==> flow/design.v <==
module core_mag_cmp_top #(
    parameter XLEN = 7
) (
    input  wire clk,
    input  wire aresetn,
    input  wire [XLEN-1:0] src1,
    input  wire [XLEN-1:0] src2,
    output reg [XLEN-1:0] min_o,
    output reg [XLEN-1:0] mx
);
    wire val = src1 < src2;
    always @(posedge clk or negedge aresetn) begin
        if (!aresetn) begin
            min_o <= 0;
            mx <= 0;
        end else begin
            min_o <= val ? src1 : src2;
            mx <= val ? src2 : src1;
        end
    end
endmodule
=== From RTL to reports: core_mag_cmp_top ===
What the tools print for core_mag_cmp_top, step after step.
Line numbers count from 1 in the design file above.
Operators: Yosys type, input widths -> output width; for muxes data width and select width s.
Not given: n/a

* Top: core_mag_cmp_top
* Clock input: clk
* Cell library: sky130hd
* Timing corner: tt_025C_1v80

=== Elaborated design ===
Source: Yosys, flattened and elaborated, memories not mapped. Widths are those after wreduce; folded enables and synchronous resets count as part of the registers. Registers that Yosys merges into a memory's read port (data or address) are not register bits. Print and check cells do not count. Equal cells are merged and count once.

* Register bits after elaboration: 14
* Bits of input ports: 16
* Output and inout bits: 14
* Cells after elaboration: 5

* $lt $le $gt $ge: 1
* Mux-type cells: 2

{| class="wikitable"
|+ Operators by type and width
! cell !! number
|-
| $mux 7 || 2
|-
| $lt 7x7->1 || 1
|}

=== Longest topological paths ===
Longest topological path by Yosys (ltp), each cell counted once; first at word level (registers and memories cut), then after technology mapping (sequential cells cut; the memories' decode and read muxes count).

* Depth in word-level cells: 2
* ABC_AREA: 1
* Mapped depth: 11
* Depth with buffers taken out: 10

=== After synthesis ===
Source: synth_stat.txt of the flow (Yosys; design flattened, memories mapped). It holds for the ABC_AREA given above (unset counts as 0); a run with the other value may have another netlist.

{| class="wikitable"
|+ Cell types
! cell type !! number !! area in all (µm²)
|-
| sky130_fd_sc_hd__dfrtp_1 || 14 || 350.336
|-
| sky130_fd_sc_hd__nand2_1 || 34 || 127.622
|-
| sky130_fd_sc_hd__ha_1 || 6 || 75.072
|-
| sky130_fd_sc_hd__nand3_1 || 14 || 70.067
|-
| sky130_fd_sc_hd__inv_1 || 10 || 37.536
|-
| sky130_fd_sc_hd__nand2_2 || 5 || 31.28
|-
| sky130_fd_sc_hd__buf_6 || 2 || 22.522
|-
| sky130_fd_sc_hd__a21oi_4 || 1 || 16.266
|-
| sky130_fd_sc_hd__nand2_4 || 1 || 11.261
|-
| sky130_fd_sc_hd__clkbuf_4 || 1 || 7.507
|-
| sky130_fd_sc_hd__a21oi_1 || 1 || 5.005
|-
| sky130_fd_sc_hd__inv_2 || 1 || 3.754
|-
| sky130_fd_sc_hd__nor2_1 || 1 || 3.754
|}

* Mapped cells: 91
* Synthesis area: 0.000762 mm²
* Area of sequential cells: 0.0003503 mm²
* Flip-flops: 14
* Buffer cells: 3

=== Timing after synthesis ===
Source: OpenSTA report_checks on the synthesized netlist (no wires, ideal clock, input and output delay 20% of the period each), path of least setup slack; recovery checks are left aside. Register names are those of the netlist, which keeps one name where synthesis merged equal registers.

* Kind: input port to flip-flop
* Start point: input src2[6]
* End point: register min_o[2]
* Clock period: 2.14 ns
* External input delay: 0.428 ns
* Setup time: 0.116 ns
* Launch time at the first pin: 0.428 ns
* Arrival time: 1.384 ns
* Data required time: 2.024 ns
* Slack: 0.640 ns
* Path delay: 1.072 ns
* Stages on the path: 9
* Buffers on the path: 1
* Synthesis period reached: 1.5 ns

"path delay" is the arrival time less input delay plus setup time.
"stages on the path": output pins that drive a net of the path, with the launching flip-flop's if there is one; two outputs of one cell count as two.
"synthesis period reached" = period - worst setup slack (recovery checks aside). The figure is calculated, with input and output delays left at 20% of the set period.
The rows between start and end are the longest chain of elaborated cells between them; the timing report does not say that the signal goes this way. Where chains are equally long, one stands for them.
A line is the first line of the expression or statement that the cell stems from. Yosys adds cells for indexed reads and writes and turns some case tables into memories.

* Path through: sky130_fd_sc_hd__inv_1 > sky130_fd_sc_hd__ha_1 > sky130_fd_sc_hd__nand2_2 > sky130_fd_sc_hd__inv_2 > sky130_fd_sc_hd__a21oi_4 > sky130_fd_sc_hd__nand2_4 > sky130_fd_sc_hd__buf_6 > sky130_fd_sc_hd__nand2_1 > sky130_fd_sc_hd__nand2_1
* Cells in the longest elaborated chain: 2
* Elaborated cells between the ends (all ways): 2
* Source lines of those cells: 2
* Classes of those cells: 1 x compare; 1 x mux

{| class="wikitable"
|+ Ends and longest elaborated chain, after synthesis
! element !! line !! RTL
|-
| from (decl) || 7 || <nowiki>input  wire [XLEN-1:0] src2,</nowiki>
|-
| $lt 7x7->1 || 11 || <nowiki>wire val = src1 < src2;</nowiki>
|-
| $mux 7 || 17 || <nowiki>min_o <= val ? src1 : src2;</nowiki>
|-
| to (assign) || 14 || <nowiki>min_o <= 0;</nowiki>
|-
| to (assign) || 17 ||
|-
| to (decl) || 8 || <nowiki>output reg [XLEN-1:0] min_o,</nowiki>
|}

=== Timing after layout ===
From the final timing report of run A: the path of least setup slack in the routed layout; clock arrival at registers is part of the times.

* Kind: input port to flip-flop
* Start point: input src2[4]
* End point: register min_o[2]
* Clock period: 1.62 ns
* External input delay: 0.32 ns
* Setup time: 0.10 ns
* Launch time at the first pin: 0.32 ns
* Arrival time: 1.37 ns
* Data required time: 1.79 ns
* Slack: 0.41 ns
* Stages on the path: 11
* Buffers on the path: 3

The rows between start and end are the longest chain of elaborated cells between them; the timing report does not say that the signal goes this way. Where chains are equally long, one stands for them.

* Path through: sky130_fd_sc_hd__buf_6 > sky130_fd_sc_hd__buf_6 > sky130_fd_sc_hd__inv_12 > sky130_fd_sc_hd__ha_4 > sky130_fd_sc_hd__nand2_2 > sky130_fd_sc_hd__nand2_2 > sky130_fd_sc_hd__a21oi_4 > sky130_fd_sc_hd__buf_12 > sky130_fd_sc_hd__nand2_4 > sky130_fd_sc_hd__nand2_1 > sky130_fd_sc_hd__nand2_1
* Cells in the longest elaborated chain: 2
* Elaborated cells between the ends (all ways): 2
* Source lines of those cells: 2
* Classes of those cells: 1 x compare; 1 x mux

{| class="wikitable"
|+ Ends and longest elaborated chain, after layout
! element !! line !! RTL
|-
| from (decl) || 7 || <nowiki>input  wire [XLEN-1:0] src2,</nowiki>
|-
| $lt 7x7->1 || 11 || <nowiki>wire val = src1 < src2;</nowiki>
|-
| $mux 7 || 17 || <nowiki>min_o <= val ? src1 : src2;</nowiki>
|-
| to (assign) || 14 || <nowiki>min_o <= 0;</nowiki>
|-
| to (assign) || 17 ||
|-
| to (decl) || 8 || <nowiki>output reg [XLEN-1:0] min_o,</nowiki>
|}

Design core_mag_cmp_top on sky130hd. What follows are 3 stored runs of the flow, each under its own settings; their order means nothing. The constraints put input and output delay at 20% of the set period each and load the outputs with 0.01 pF.
"period achieved" is the run's clock period less its worst setup slack. It is reckoned from that one timing run; input and output delays stay at 20% of the period that was set.
"worst path time" = time allowed to the worst setup path (clock period - input delay - output delay, where it has them) - its slack; a late launch clock adds to it, a late capture clock takes from it.
"power": no workload was simulated; the value follows from the tool's default switching activity.

=== Run A ===
{| class="wikitable"
! Setting !! Value
|-
| period_ns || 1.62
|-
| CORE_UTILIZATION || 27
|-
| SETUP_SLACK_MARGIN || 0.47
|-
| PLACE_DENSITY_LB_ADDON || 0.24
|-
| CORE_MARGIN || 5
|-
| CELL_PAD_IN_SITES_GLOBAL_PLACEMENT || 0
|-
| ABC_AREA || 1
|-
| CTS_CLUSTER_SIZE || 96
|-
| SLEW_MARGIN || 25
|-
| MAX_ROUTING_LAYER || met4
|-
| CAP_MARGIN || 20
|-
! Result !! Value
|-
| Worst setup slack after layout || 0.414 ns
|-
| Setup TNS || 0.000 ns
|-
| Worst path time || 0.88 ns
|-
| Class of the worst setup path || input port to flip-flop
|-
| Utilization after routing || 0.49
|-
| Area of the standard cells in the finished layout || 0.00134 mm²
|-
| Period achieved || 1.206 ns
|-
| Synthesis area || 0.000762 mm²
|-
| Power || 0.9724 mW
|-
| Full die area || 0.0039848 mm²
|}

=== Run B ===
{| class="wikitable"
! Setting !! Value
|-
| period_ns || 2.14
|-
| CAP_MARGIN || 20
|-
| CORE_MARGIN || 2
|-
| CORE_UTILIZATION || 40
|-
| SLEW_MARGIN || 20
|-
! Result !! Value
|-
| Power || 0.6381 mW
|-
| Area of the standard cells in the finished layout || 0.001031 mm²
|-
| Worst setup slack after layout || 0.134 ns
|-
| Utilization after routing || 0.669
|-
| Full die area || 0.0020237 mm²
|-
| Setup TNS || 0.000 ns
|-
| Synthesis area || 0.0006719 mm²
|-
| Period achieved || 2.006 ns
|-
| Worst path time || 1.58 ns
|-
| Class of the worst setup path || input port to flip-flop
|}

=== Run C ===
{| class="wikitable"
! Setting !! Value
|-
| period_ns || 3.21
|-
| CORE_UTILIZATION || 21
|-
| SETUP_SLACK_MARGIN || -0.29
|-
| PLACE_DENSITY_LB_ADDON || 0.09
|-
| TNS_END_PERCENT || 90
|-
| CTS_CLUSTER_SIZE || 79
|-
| MIN_ROUTING_LAYER || met1
|-
| CAP_MARGIN || 20
|-
| CORE_MARGIN || 2
|-
| SLEW_MARGIN || 20
|-
! Result !! Value
|-
| Synthesis area || 0.0006719 mm²
|-
| Worst path time || 1.57 ns
|-
| Class of the worst setup path || input port to flip-flop
|-
| Utilization after routing || 0.346
|-
| Power || 0.4622 mW
|-
| Full die area || 0.0036681 mm²
|-
| Period achieved || 2.217 ns
|-
| Setup TNS || 0.000 ns
|-
| Worst setup slack after layout || 0.993 ns
|-
| Area of the standard cells in the finished layout || 0.0010573 mm²
|}
